==> flow/design.v <==
module gen_mpy_stage (core_clk, srst, in_rs1, in_rs2, out_prod);
  parameter DATA_W = 32;
  input core_clk;
  input srst;
  input signed [DATA_W-1:0] in_rs1;
  input signed [DATA_W-1:0] in_rs2;
  output reg signed [2*DATA_W-1:0] out_prod;
  always @(posedge core_clk or posedge srst) begin
    if (srst) begin
      out_prod <= 0;
    end else begin
      out_prod <= in_rs1 * in_rs2;
    end
  end
endmodule
==> Tool chain data of gen_mpy_stage <==
Tool output for the design above, in the order of the flow.
Lines are those of the file above, counted from 1.
Operators: Yosys type, input widths -> output width; for muxes data width and select width s.
Library cell names are shortened.
{ "inputs": {"top": "gen_mpy_stage", "clk_port": "core_clk", "cell_library": "sky130hd", "pvt_corner": "tt_025C_1v80"} }

==> After elaboration <==
Source: Yosys, flattened and elaborated, memories not mapped. Widths are those after wreduce; folded enables and synchronous resets count as part of the registers. Registers that Yosys merges into a memory's read port (data or address) are not register bits. Print and check cells do not count. Equal cells are merged and count once.
{ "word_totals": {"register_bits": 64, "latch_bits": 0, "ram_bits": 0, "romBits": 0, "clocked_rd_ports_x_width": 0, "memories": 0, "inputBits": 66, "word_cells": 2} }
{ "op_classes": {"add_sub_neg": 0, "mul": 1, "n_div": 0, "n_cmp": 0, "n_eq": 0, "n_shift": 0, "n_mux": 0, "logic": 0, "reduce_logical": 0} }
{ "ops": {"columns": ["op", "n"], "rows": [
  ["$mul 32x32->64", 1]
]} }

==> Longest topological paths <==
Yosys ltp: most cells in a row. Word level: on the elaborated netlist, between registers, memories and ports. Mapped: between sequential cells and ports; inverters and the memories' decode and read muxes count.
{ "depth": {"depth_word": 1, "abc_area": 0, "mapped_depth": 29, "mapped_depth_nobuf": 27} }

==> After synthesis <==
The flow's flattened synthesis, as Yosys stat reports it; memories are mapped. The netlist is that of the ABC_AREA named above (0 if unset); the other value can give another one.
Totals and module areas in this step are rounded.
{ "types": {"columns": ["type", "n"], "rows": [
  ["fa_1", 1082],
  ["inv_1", 955],
  ["and2_1", 513],
  ["ha_1", 184],
  ["nand2_1", 521],
  ["dfrtp_1", 64],
  ["clkbuf_1", 198],
  ["xnor2_1", 48],
  ["a21oi_1", 59],
  ["a21o_1", 36],
  ["xor2_1", 22],
  ["nor2_1", 51],
  ["o21ai_0", 31],
  ["o21bai_1", 13],
  ["nand4_1", 13],
  ["nand3_1", 14],
  ["a31oi_1", 10],
  ["nand2b_1", 9]
]} }
Not listed: further types 51, cells in them 104.
{ "mapped": {"stdcells": 3927, "yosys_area_um2": 37800, "seq_area_um2": 1600, "ff_cells": 64, "buf_cells": 208} }

==> Path before layout <==
Source: OpenSTA report_checks on the synthesized netlist (no wires, ideal clock, input and output delay 20% of the period each), path of least setup slack; recovery checks are left aside. Register names are those of the netlist, which keeps one name where synthesis merged equal registers.
{ "synth_path": {"kind": "input to register", "start": "input port in_rs2[2]", "end": "register out_prod[63]", "clock_period_ps": 12000, "input_delay_ps": 2400, "setup_time_ps": 111, "t_first_pin_ps": 2400, "arrival_ps": 9938, "slack_ps": 1951, "path_delay_ps": 7649, "stages": 24, "n_path_buf": 2, "synth_period_reached_ps": 10049} }
"path_delay_ps" is the arrival time less input delay plus setup time.
"stages" counts driving pins, that of a launching flip-flop among them; a cell with two outputs on the path counts twice.
"synth_period_reached_ps" is the clock period less the worst setup slack; recovery checks do not enter. This is arithmetic on one report: input and output delays are still those of the set period (20% each).
Between the ends stands the longest chain of elaborated cells between them, by number of cells; it is not shown to be the way that was timed. Of several equally long chains one is given.
Each line given opens the expression or statement behind the cell; cells for indexed reads and writes are added by Yosys, which also makes memories of some case tables.
{ "synth_via": {"path_cell_list": "clkbuf_1 -> nand2_1 -> inv_1 -> fa_1 -> fa_1 -> fa_1 -> fa_1 -> inv_1 -> fa_1 -> inv_1 -> fa_1 -> inv_1 -> fa_1 -> inv_1 -> fa_1 -> ha_1 -> clkbuf_1 -> nand4_1 -> or2_1 -> or2_2 -> o41ai_4 -> a31oi_4 -> mux2i_1 -> a2111oi_2", "elab_chain_cells": 1, "cone_cells": 1, "classes_between": "1 x mul"} }
{ "synth_lines": {"columns": ["item", "line", "text"], "rows": [
  ["start: declaration", 6, "input signed [DATA_W-1:0] in_rs2;"],
  ["$mul 32x32->64", 12, "out_prod <= in_rs1 * in_rs2;"],
  ["end: assignment", 10, "out_prod <= 0;"],
  ["end: assignment", 12, null],
  ["end: declaration", 7, "output reg signed [2*DATA_W-1:0] out_prod;"]
]} }

==> Path in the finished layout <==
From the final timing report of run 1: the path of least setup slack in the routed layout; clock arrival at registers is part of the times.
The path's times are printed in steps of 10 ps; the period is the one set.
{ "layout_path": {"kind": "input to register", "start": "input port in_rs1[31]", "end": "register out_prod[63]", "clock_period_ps": 12000, "input_delay_ps": 2400, "setup_time_ps": 110, "t_first_pin_ps": 2400, "arrival_ps": 11160, "slack_ps": 1080, "stages": 25, "n_path_buf": 1} }
Between the ends stands the longest chain of elaborated cells between them, by number of cells; it is not shown to be the way that was timed. Of several equally long chains one is given.
{ "layout_via": {"path_cell_list": "clkdlybuf4s50_1 -> nand2_1 -> inv_1 -> fa_1 -> inv_1 -> fa_1 -> inv_1 -> fa_1 -> fa_1 -> inv_1 -> fa_1 -> inv_1 -> fa_1 -> inv_1 -> fa_1 -> inv_1 -> fa_1 -> ha_1 -> nand4_1 -> or2_1 -> or2_2 -> o41ai_4 -> a31oi_4 -> mux2i_1 -> a2111oi_2", "elab_chain_cells": 1, "cone_cells": 1, "classes_between": "1 x mul"} }
{ "layout_lines": {"columns": ["item", "line", "text"], "rows": [
  ["start: declaration", 5, "input signed [DATA_W-1:0] in_rs1;"],
  ["$mul 32x32->64", 12, "out_prod <= in_rs1 * in_rs2;"],
  ["end: assignment", 10, "out_prod <= 0;"],
  ["end: assignment", 12, null],
  ["end: declaration", 7, "output reg signed [2*DATA_W-1:0] out_prod;"]
]} }

Stored flow runs of gen_mpy_stage (3 of them; Yosys, OpenROAD, sky130hd). They differ in their settings and are not a sequence. Constraints: input delay and output delay 20% of the set period each, output load 0.01 pF.
"clock period achieved" means the clock period less the worst setup slack. The figure is calculated, with input and output delays left at 20% of the set period.
"time of the worst setup path" is the time allowed to the run's worst setup path (the clock period less input and output delay, where it has them) less its slack. Clock arrival times count: a late capture clock shortens it, a late launch clock lengthens it.
"time of the worst setup path" is given in steps of 10 ps.
The measured numbers are rounded.

==> run 1: settings <==
{ "period_ns": 12.0, "CAP_MARGIN": 20, "CORE_MARGIN": 2, "CORE_UTILIZATION": 40, "SLEW_MARGIN": 20 }
==> run 1: results <==
standard-cell area after layout: 40800 um2
netlist area reported by Yosys: 37800 um2
clock period achieved: 10920 ps
utilization in the final report: 0.436
total negative setup slack: 0 ps
setup slack of the worst path: 1080 ps
time of the worst setup path: 8520 ps
critical path type: input to register
die size: 97000 um2

==> run 2: settings <==
{ "period_ns": 7.08, "CORE_UTILIZATION": 48, "CELL_PAD_IN_SITES_GLOBAL_PLACEMENT": 0, "TNS_END_PERCENT": 5, "ABC_AREA": 0, "GPL_ROUTABILITY_DRIVEN": 0, "CAP_MARGIN": 10, "SLEW_MARGIN": 35, "MAX_ROUTING_LAYER": "met4", "CORE_MARGIN": 2 }
==> run 2: results <==
standard-cell area after layout: 46700 um2
netlist area reported by Yosys: 37800 um2
clock period achieved: 8530 ps
utilization in the final report: 0.601
total negative setup slack: -46400 ps
setup slack of the worst path: -1450 ps
time of the worst setup path: 7110 ps
critical path type: input to register
die size: 81100 um2

==> run 3: settings <==
{ "period_ns": 8.22, "CORE_UTILIZATION": 37, "PLACE_DENSITY_LB_ADDON": 0.0, "CORE_MARGIN": 4, "GPL_TIMING_DRIVEN": 1, "GPL_ROUTABILITY_DRIVEN": 1, "CAP_MARGIN": 20, "SLEW_MARGIN": 20 }
==> run 3: results <==
standard-cell area after layout: 50500 um2
netlist area reported by Yosys: 37800 um2
clock period achieved: 8643 ps
utilization in the final report: 0.497
total negative setup slack: -3420 ps
setup slack of the worst path: -423 ps
time of the worst setup path: 7000 ps
critical path type: input to register
die size: 107000 um2
